==> flow/design.v <==
module dp_registers_stage #(
  parameter NWORDS = 6,
  parameter DATA_WIDTH = 32,
  parameter NR = 1,
  parameter WPORTS = 5,
  parameter AW = $clog2(NWORDS)
) (
  input wire i_clk,
  input wire clr,
  input wire [WPORTS-1:0] load_in,
  input wire [WPORTS*AW-1:0] wsel_in,
  input wire [WPORTS*DATA_WIDTH-1:0] d_in,
  input wire [NR*AW-1:0] ra_in,
  output wire [NR*DATA_WIDTH-1:0] dout_out
);
  reg [DATA_WIDTH-1:0] store [NWORDS-1:0];
  integer k;
  always @(posedge i_clk) begin
    for (k = 0; k < WPORTS; k = k + 1)
      if (load_in[k]) store[wsel_in[k*AW +: AW]] <= d_in[k*DATA_WIDTH +: DATA_WIDTH];
  end
  wire [NR*DATA_WIDTH-1:0] cur;
  genvar jj;
  generate
    for (jj = 0; jj < NR; jj = jj + 1) begin : stage
      assign cur[jj*DATA_WIDTH +: DATA_WIDTH] = store[ra_in[jj*AW +: AW]];
    end
  endgenerate
  reg [NR*DATA_WIDTH-1:0] r_dout;
  assign dout_out = r_dout;
  always @(posedge i_clk or posedge clr) begin
    if (clr) begin
      r_dout <= 0;
    end else begin
      r_dout <= cur;
    end
  end
endmodule
* Reports on dp_registers_stage
Tool output for the design above, in the order of the flow. Lines are those of the file above, counted from 1. The mark n/a stands for no value.
Inputs: design top dp_registers_stage, clock i_clk, cell library sky130hd, timing corner tt_025C_1v80

* Elaborated design
Counts by Yosys on the flattened word-level netlist (proc, flatten, opt, wreduce; memories kept). Register bits leave out memories and registers merged into their read ports (data or address); mux counts leave out enables and synchronous resets folded into registers. Print and check cells are left out. Cells with the same type and inputs are merged into one. Memory sizes are those after Yosys's memory passes, which may raise the word count (mostly to a power of two), join words into wider ones and drop unused or constant bits.
Word-level totals: latch bits 0, register bits after elaboration 0, memories kept 1, bits of input ports 185, output and inout bits 32, bits in writable memories 192, memory bits (read-only) 0, word width x clocked read ports 32, cells after elaboration 16
Memories:
- store | words 6, width 32, rd ports 1, wr ports 5, line 16 | reg [DATA_WIDTH-1:0] store [NWORDS-1:0];
Cells by class: $mul 0, bitwise logic cells 0, reduce/logical cells 0, order comparisons 0, add/sub/neg operators 0, shift operators 0, div/mod/pow operators 0, mux-type cells 15, eq/ne operators 0
Operator list (count):
- two-way mux 32 bit | 5
- two-way mux 3 bit | 5
- two-way mux 1 bit | 5

* Depth
Yosys ltp: most cells in a row. Word level: on the elaborated netlist, between registers, memories and ports. Mapped: between sequential cells and ports; inverters and the memories' decode and read muxes count.
Logic depth: depth in word-level cells 1, ABC_AREA 0, depth in mapped cells 6, mapped depth without buffers 4

* Netlist
Source: synth_stat.txt of the flow (Yosys; design flattened, memories mapped). It holds for the ABC_AREA given above (unset counts as 0); a run with the other value may have another netlist. Totals and module areas in this step are rounded.
Cells by type:
- sky130_fd_sc_hd__edfxtp_1 | count 192, area in all 5765.53 µm²
- sky130_fd_sc_hd__mux2i_1 | count 224, area in all 2242.15 µm²
- sky130_fd_sc_hd__a221oi_1 | count 99, area in all 867.082 µm²
- sky130_fd_sc_hd__dfrtp_1 | count 32, area in all 800.768 µm²
- sky130_fd_sc_hd__o22ai_1 | count 128, area in all 800.768 µm²
- sky130_fd_sc_hd__mux4_2 | count 32, area in all 720.691 µm²
- sky130_fd_sc_hd__nor2_1 | count 162, area in all 608.083 µm²
- sky130_fd_sc_hd__o221ai_1 | count 64, area in all 560.538 µm²
- sky130_fd_sc_hd__a22oi_1 | count 64, area in all 480.461 µm²
- sky130_fd_sc_hd__a221oi_2 | count 29, area in all 435.418 µm²
- sky130_fd_sc_hd__clkbuf_1 | count 104, area in all 390.374 µm²
- sky130_fd_sc_hd__nand2_1 | count 70, area in all 262.752 µm²
- sky130_fd_sc_hd__a21oi_1 | count 33, area in all 165.158 µm²
- sky130_fd_sc_hd__buf_2 | count 29, area in all 145.139 µm²
- sky130_fd_sc_hd__nand4bb_1 | count 6, area in all 67.565 µm²
- sky130_fd_sc_hd__nand4b_1 | count 6, area in all 52.55 µm²
- sky130_fd_sc_hd__buf_6 | count 4, area in all 45.043 µm²
- sky130_fd_sc_hd__and3_1 | count 7, area in all 43.792 µm²
Other cell types: 16; their cells: 39.
Synthesis totals: area of sequential cells 6570 µm², buffer cells 145, flip-flop cells 224, synthesis area 14700 µm², cells in the netlist 1324

* Path before layout
Source: OpenSTA report_checks on the synthesized netlist (no wires, ideal clock, input and output delay 20% of the period each), path of least setup slack; recovery checks are left aside. Register names are those of the netlist, which keeps one name where synthesis merged equal registers.
Timing path post-synthesis: path kind input to register, from input load_in[1], to memory store[5][0], library setup time 564 ps, path buffers 1, clock period 3500 ps, data arrival time 2378 ps, path delay 2242 ps, driving pins on the path 4, setup slack 558 ps, period reached after synthesis 2942 ps
"path delay" is the arrival time less input delay plus setup time. "driving pins on the path" counts driving pins, that of a launching flip-flop among them; a cell with two outputs on the path counts twice. "period reached after synthesis" is the clock period less the worst setup slack; recovery checks do not enter. This is arithmetic on one report: input and output delays are still those of the set period (20% each). Between the ends stands the longest chain of elaborated cells between them, by number of cells; it is not shown to be the way that was timed. Of several equally long chains one is given. A line is the first line of the expression or statement that the cell stems from. Yosys adds cells for indexed reads and writes and turns some case tables into memories. The path ends at the enable pin of a flip-flop; only ways to that pin are counted.
On the way, post-synthesis: cells stage by stage sky130_fd_sc_hd__nor2b_1 sky130_fd_sc_hd__nand3_1 sky130_fd_sc_hd__clkbuf_1 sky130_fd_sc_hd__nand3_1, cells in the longest elaborated chain 1, elaborated cells on any way between the ends 2
RTL lines, path post-synthesis:
- from (decl) | line 10 | input wire [WPORTS-1:0] load_in,
- two-way mux 3 bit | line 20 | if (load_in[k]) store[wsel_in[k*AW +: AW]] <= d_in[k*DATA_WIDTH +: DATA_WIDTH];
- to (decl) | line 16 | reg [DATA_WIDTH-1:0] store [NWORDS-1:0];

* Path in the finished layout
Path of least setup slack in the final report of run 1 (OpenROAD, finished layout, wires in). Where an end is a register, its clock arrival counts in the times. The report prints the path's times to 10 ps; the period is as set.
Timing path post-layout: path kind input to register, from input wsel_in[6], to memory store[0][10], setup slack 990 ps, clock period 3670 ps, path buffers 2, library setup time 180 ps, data arrival time 3050 ps, driving pins on the path 5
Between the ends stands the longest chain of elaborated cells between them, by number of cells; it is not shown to be the way that was timed. Of several equally long chains one is given.
On the way, post-layout: cells stage by stage sky130_fd_sc_hd__clkdlybuf4s50_1 sky130_fd_sc_hd__or4b_2 sky130_fd_sc_hd__and3_2 sky130_fd_sc_hd__buf_4 sky130_fd_sc_hd__a221oi_2, cells in the longest elaborated chain 1, elaborated cells on any way between the ends 1
RTL lines, path post-layout:
- from (decl) | line 11 | input wire [WPORTS*AW-1:0] wsel_in,
- two-way mux 3 bit | line 20 | if (load_in[k]) store[wsel_in[k*AW +: AW]] <= d_in[k*DATA_WIDTH +: DATA_WIDTH];
- to (decl) | line 16 | reg [DATA_WIDTH-1:0] store [NWORDS-1:0];

==> runs of dp_registers_stage <==
Design dp_registers_stage on sky130hd. What follows are 3 stored runs of the flow, each under its own settings; their order means nothing. The constraints put input and output delay at 20% of the set period each and load the outputs with 0.01 pF.
"period achieved" = clock period - worst setup slack. The figure is calculated, with input and output delays left at 20% of the set period.
"time used up by the worst setup path" = time allowed to the worst setup path (clock period - input delay - output delay, where it has them) - its slack; a late launch clock adds to it, a late capture clock takes from it.
"time used up by the worst setup path" is given in steps of 10 ps.
The results are shown rounded.

[run 1] flow files
==> flow/run.sh <==
#!/bin/bash
# the make line also repeats the synthesis and layout settings of config.mk as NAME=value (left out here)
make -C /OpenROAD-flow-scripts/flow DESIGN_CONFIG=/design/flow/config.mk WORK_HOME=/design/flow/orfs CLKGATE_MAP_FILE= finish
==> flow/config.mk <==
export PLATFORM = sky130hd
export DESIGN_NAME = dp_registers_stage
export DESIGN_NICKNAME = dp_registers_stage
export VERILOG_FILES = /design/flow/design.v
export SDC_FILE = /design/flow/constraint.sdc
export NUM_CORES = 4
export LEC_CHECK = 0
export CAP_MARGIN = 20
export CORE_MARGIN = 9
export CORE_UTILIZATION = 53
export CTS_CLUSTER_DIAMETER = 159
export MAX_ROUTING_LAYER = met4
export MIN_ROUTING_LAYER = met1
export PLACE_DENSITY = 0.42
export SETUP_SLACK_MARGIN = -0.06
export SLEW_MARGIN = 20
==> flow/constraint.sdc <==
create_clock -name core_clock -period 3.67 [get_ports {i_clk}]
set_input_delay 0.7340 -clock core_clock [delete_from_list [all_inputs] [get_ports {i_clk}]]
set_output_delay 0.7340 -clock core_clock [all_outputs]
set_load 0.01 [all_outputs]

[run 1] result: setup total negative slack 0 ps; full die area 34,000 µm²; final utilization 0.67; period achieved 2,681 ps; chip area in the Yosys report 14,700 µm²; time used up by the worst setup path 1,950 ps; critical path type input to register; worst slack on setup checks 989 ps; standard-cell area of the final layout 18,200 µm²

[run 2] flow files
==> flow/run.sh <==
#!/bin/bash
# the make line also repeats the synthesis and layout settings of config.mk as NAME=value (left out here)
make -C /OpenROAD-flow-scripts/flow DESIGN_CONFIG=/design/flow/config.mk WORK_HOME=/design/flow/orfs CLKGATE_MAP_FILE= finish
==> flow/config.mk <==
export PLATFORM = sky130hd
export DESIGN_NAME = dp_registers_stage
export DESIGN_NICKNAME = dp_registers_stage
export VERILOG_FILES = /design/flow/design.v
export SDC_FILE = /design/flow/constraint.sdc
export NUM_CORES = 4
export LEC_CHECK = 0
export CAP_MARGIN = 20
export CORE_MARGIN = 2
export CORE_UTILIZATION = 40
export SLEW_MARGIN = 20
==> flow/constraint.sdc <==
create_clock -name core_clock -period 3.5 [get_ports {i_clk}]
set_input_delay 0.7000 -clock core_clock [delete_from_list [all_inputs] [get_ports {i_clk}]]
set_output_delay 0.7000 -clock core_clock [all_outputs]
set_load 0.01 [all_outputs]

[run 2] result: setup total negative slack 0 ps; full die area 38,300 µm²; final utilization 0.508; period achieved 2,485 ps; chip area in the Yosys report 14,700 µm²; time used up by the worst setup path 1,780 ps; critical path type input to register; worst slack on setup checks 1,020 ps; standard-cell area of the final layout 18,500 µm²

[run 3] flow files
==> flow/run.sh <==
#!/bin/bash
# the make line also repeats the synthesis and layout settings of config.mk as NAME=value (left out here)
make -C /OpenROAD-flow-scripts/flow DESIGN_CONFIG=/design/flow/config.mk WORK_HOME=/design/flow/orfs CLKGATE_MAP_FILE= finish
==> flow/config.mk <==
export PLATFORM = sky130hd
export DESIGN_NAME = dp_registers_stage
export DESIGN_NICKNAME = dp_registers_stage
export VERILOG_FILES = /design/flow/design.v
export SDC_FILE = /design/flow/constraint.sdc
export NUM_CORES = 4
export LEC_CHECK = 0
export CAP_MARGIN = 5
export CELL_PAD_IN_SITES_GLOBAL_PLACEMENT = 2
export CORE_MARGIN = 2
export CORE_UTILIZATION = 47
export MIN_ROUTING_LAYER = met1
export PLACE_DENSITY_LB_ADDON = 0.07
export SETUP_SLACK_MARGIN = -0.32
export SLEW_MARGIN = 25
==> flow/constraint.sdc <==
create_clock -name core_clock -period 4.05 [get_ports {i_clk}]
set_input_delay 0.8100 -clock core_clock [delete_from_list [all_inputs] [get_ports {i_clk}]]
set_output_delay 0.8100 -clock core_clock [all_outputs]
set_load 0.01 [all_outputs]

[run 3] result: setup total negative slack 0 ps; full die area 32,700 µm²; final utilization 0.592; period achieved 2,878 ps; chip area in the Yosys report 14,700 µm²; time used up by the worst setup path 2,070 ps; critical path type input to register; worst slack on setup checks 1,170 ps; standard-cell area of the final layout 18,200 µm²
